==> flow/design.v <==
module core_selector_top (i_clk, reset, src_0_in, src_1_in, src_2_in, idx_in, result_out);
  parameter integer NBITS = 10;
  input i_clk;
  input reset;
  input [NBITS-1:0] src_0_in;
  input [NBITS-1:0] src_1_in;
  input [NBITS-1:0] src_2_in;
  input [1:0] idx_in;
  output [NBITS-1:0] result_out;
  reg [NBITS-1:0] r_src_0;
  reg [NBITS-1:0] r_src_1;
  reg [NBITS-1:0] r_src_2;
  reg [1:0] r_idx;
  reg [NBITS-1:0] work;
  always @* begin
    casez (r_idx)
      2'b?1: work = r_src_0;
      2'b10: work = r_src_1;
      default: work = r_src_2;
    endcase
  end
  assign result_out = work;
  always @(posedge i_clk or posedge reset) begin
    if (reset) begin
      r_src_0 <= 0;
      r_src_1 <= 0;
      r_src_2 <= 0;
      r_idx <= 0;
    end else begin
      r_src_0 <= src_0_in;
      r_src_1 <= src_1_in;
      r_src_2 <= src_2_in;
      r_idx <= idx_in;
    end
  end
endmodule
### From RTL to reports: core_selector_top

The steps from the RTL of core_selector_top to its reports follow in flow order.
Lines are those of the file above, counted from 1.
Library cell names are shortened.
The mark -- stands for no value.

* top module: core_selector_top
* clock: i_clk
* cell library: sky130hd
* timing corner: tt_025C_1v80

### Elaborated design

Counts by Yosys on the flattened word-level netlist (proc, flatten, opt, wreduce; memories kept). Register bits leave out memories and registers merged into their read ports (data or address); mux counts leave out enables and synchronous resets folded into registers. Print and check cells are left out. Cells with the same type and inputs are merged into one.

* equality and inequality tests: 1
* muxes and demuxes: 1

Operators with widths (count)
* parallel mux 10 bit (select 2 bit): 1
* == test 2 bit with constant B: 1

* register bits after elaboration: 32
* bits of input ports: 34
* output and inout bits: 10

### Depth

Depth = most cells in a row (Yosys ltp): at word level without a register or memory, in the mapped netlist without a sequential cell, where the memories' decode and read muxes count.

* depth in word-level cells: 2
* ABC_AREA: 0
* mapped depth: 3

### Mapped cells and area

Source: synth_stat.txt of the flow (Yosys; design flattened, memories mapped). It holds for the ABC_AREA given above (unset counts as 0); a run with the other value may have another netlist.

Cell types (count)
* dfrtp_1: 32
* mux2i_1: 10
* o21ai_1: 9
* nand2_1: 10
* buf_6: 1
* buf_2: 2
* o21ai_2: 1
* inv_1: 1

* standard cells after synthesis: 66
* cell area after synthesis: 1017.2 µm²
* area of sequential cells: 800.8 µm²
* flip-flop cells: 32

### Timing after synthesis

Path of least setup slack by OpenSTA after synthesis, without wires, with an ideal clock, recovery checks aside; 20% of the period is set as input and as output delay. Where synthesis merged equal registers, the netlist keeps one of their names.

* path kind: reg-to-output
* start point: register r_idx[1]
* end point: output port result_out[0]
* period: 1270 ps
* arrival time: 810 ps
* path slack: 206 ps
* path delay: 810 ps
* stages: 4
* synthesis period reached: 1064 ps

"path delay" = arrival - input delay + setup time.
A path that ends at an output port has no setup time.
"stages": output pins that drive a net of the path, with the launching flip-flop's if there is one; two outputs of one cell count as two.
"synthesis period reached" is the clock period less the worst setup slack; recovery checks do not enter. This is arithmetic on one report: input and output delays are still those of the set period (20% each).
Between the ends stands the longest chain of elaborated cells between them, by number of cells; it is not shown to be the way that was timed. Of several equally long chains one is given.
Each line given opens the expression or statement behind the cell; cells for indexed reads and writes are added by Yosys, which also makes memories of some case tables.

* cells stage by stage: dfrtp_1 buf_6 mux2i_1 o21ai_1
* length of the longest elaborated chain: 2
* elaborated cells between the ends (all ways): 2
* source lines of those cells: 1
* those cells by class: 1 x eq/ne; 1 x mux

RTL lines, path after synthesis
* start: declaration: line 13 `reg [1:0] r_idx;`
* start: assignment: line 28 `r_idx <= 0;`
* start: assignment: line 33 `r_idx <= idx_in;`
* == test 2 bit: line 16 `casez (r_idx)`
* parallel mux 10 bit (select 2 bit): line 16
* end: declaration: line 9 `output [NBITS-1:0] result_out;`

### Path in the finished layout

From the final timing report of job 1: the path of least setup slack in the routed layout; clock arrival at registers is part of the times.
The report prints the path's times to 10 ps; the period is as set.

* path kind: reg-to-output
* start point: register r_idx[1]
* end point: output port result_out[9]
* period: 1270 ps
* arrival time: 1280 ps
* path slack: -260 ps
* stages: 5

Between the ends stands the longest chain of elaborated cells between them, by number of cells; it is not shown to be the way that was timed. Of several equally long chains one is given.

* cells stage by stage: dfrtp_1 buf_6 mux2i_1 o21ai_2 buf_2
* length of the longest elaborated chain: 2
* elaborated cells between the ends (all ways): 2
* source lines of those cells: 1
* those cells by class: 1 x eq/ne; 1 x mux

RTL lines, path post-layout
* start: declaration: line 13 `reg [1:0] r_idx;`
* start: assignment: line 28 `r_idx <= 0;`
* start: assignment: line 33 `r_idx <= idx_in;`
* == test 2 bit: line 16 `casez (r_idx)`
* parallel mux 10 bit (select 2 bit): line 16
* end: declaration: line 9 `output [NBITS-1:0] result_out;`

--- measured runs ---
Design core_selector_top on sky130hd. What follows are 3 stored runs of the flow, each under its own settings; their order means nothing. The constraints put input and output delay at 20% of the set period each and load the outputs with 0.01 pF.
"period achieved" means the clock period less the worst setup slack. The figure is calculated, with input and output delays left at 20% of the set period.
By "critical path time" is meant the share of the clock period that the worst setup path is allowed (20% is reserved at inputs, 20% at outputs), minus its slack. Clock arrival times at its registers enter into it.
By "power consumption" is meant OpenSTA's value without simulated activity: inputs other than the clock are taken to toggle once in ten clock periods, and the tool carries that through the logic.
"critical path time" is known to 10 ps.

### Job 1

Settings: `period_ns=1.27`, `CAP_MARGIN=20`, `CORE_MARGIN=2`, `CORE_UTILIZATION=40`, `SLEW_MARGIN=20`

- Post-route utilization: 62.7 %
- Critical path time: 1280 ps
- Critical path type: reg-to-output
- Final setup TNS: -2233 ps
- Standard-cell area after layout: 1525.2 µm²
- Power consumption: 1879 µW
- Die outline area: 2962.6 µm²
- Netlist area reported by Yosys: 1017.2 µm²
- Worst slack on setup checks: -259 ps
- Period achieved: 1529 ps

### Job 2

Settings: `period_ns=1.02`, `CORE_UTILIZATION=15`, `PLACE_DENSITY_LB_ADDON=0.3`, `CELL_PAD_IN_SITES_GLOBAL_PLACEMENT=2`, `CELL_PAD_IN_SITES_DETAIL_PLACEMENT=1`, `GPL_ROUTABILITY_DRIVEN=1`, `CTS_CLUSTER_SIZE=55`, `CAP_MARGIN=20`, `CORE_MARGIN=2`, `SLEW_MARGIN=20`

- Post-route utilization: 24.2 %
- Critical path time: 1230 ps
- Critical path type: reg-to-output
- Final setup TNS: -3852 ps
- Standard-cell area after layout: 1619.0 µm²
- Power consumption: 2534 µW
- Die outline area: 7456.3 µm²
- Netlist area reported by Yosys: 1017.2 µm²
- Worst slack on setup checks: -417 ps
- Period achieved: 1437 ps

### Job 3

Settings: `period_ns=1.28`, `CORE_UTILIZATION=61`, `SETUP_SLACK_MARGIN=0.11`, `PLACE_DENSITY_LB_ADDON=0.01`, `CORE_MARGIN=5`, `TNS_END_PERCENT=45`, `GPL_TIMING_DRIVEN=0`, `MAX_ROUTING_LAYER=met4`, `CAP_MARGIN=20`, `SLEW_MARGIN=20`

Did not finish, clock tree synthesis stopped with DPL-0033.
--- end ---
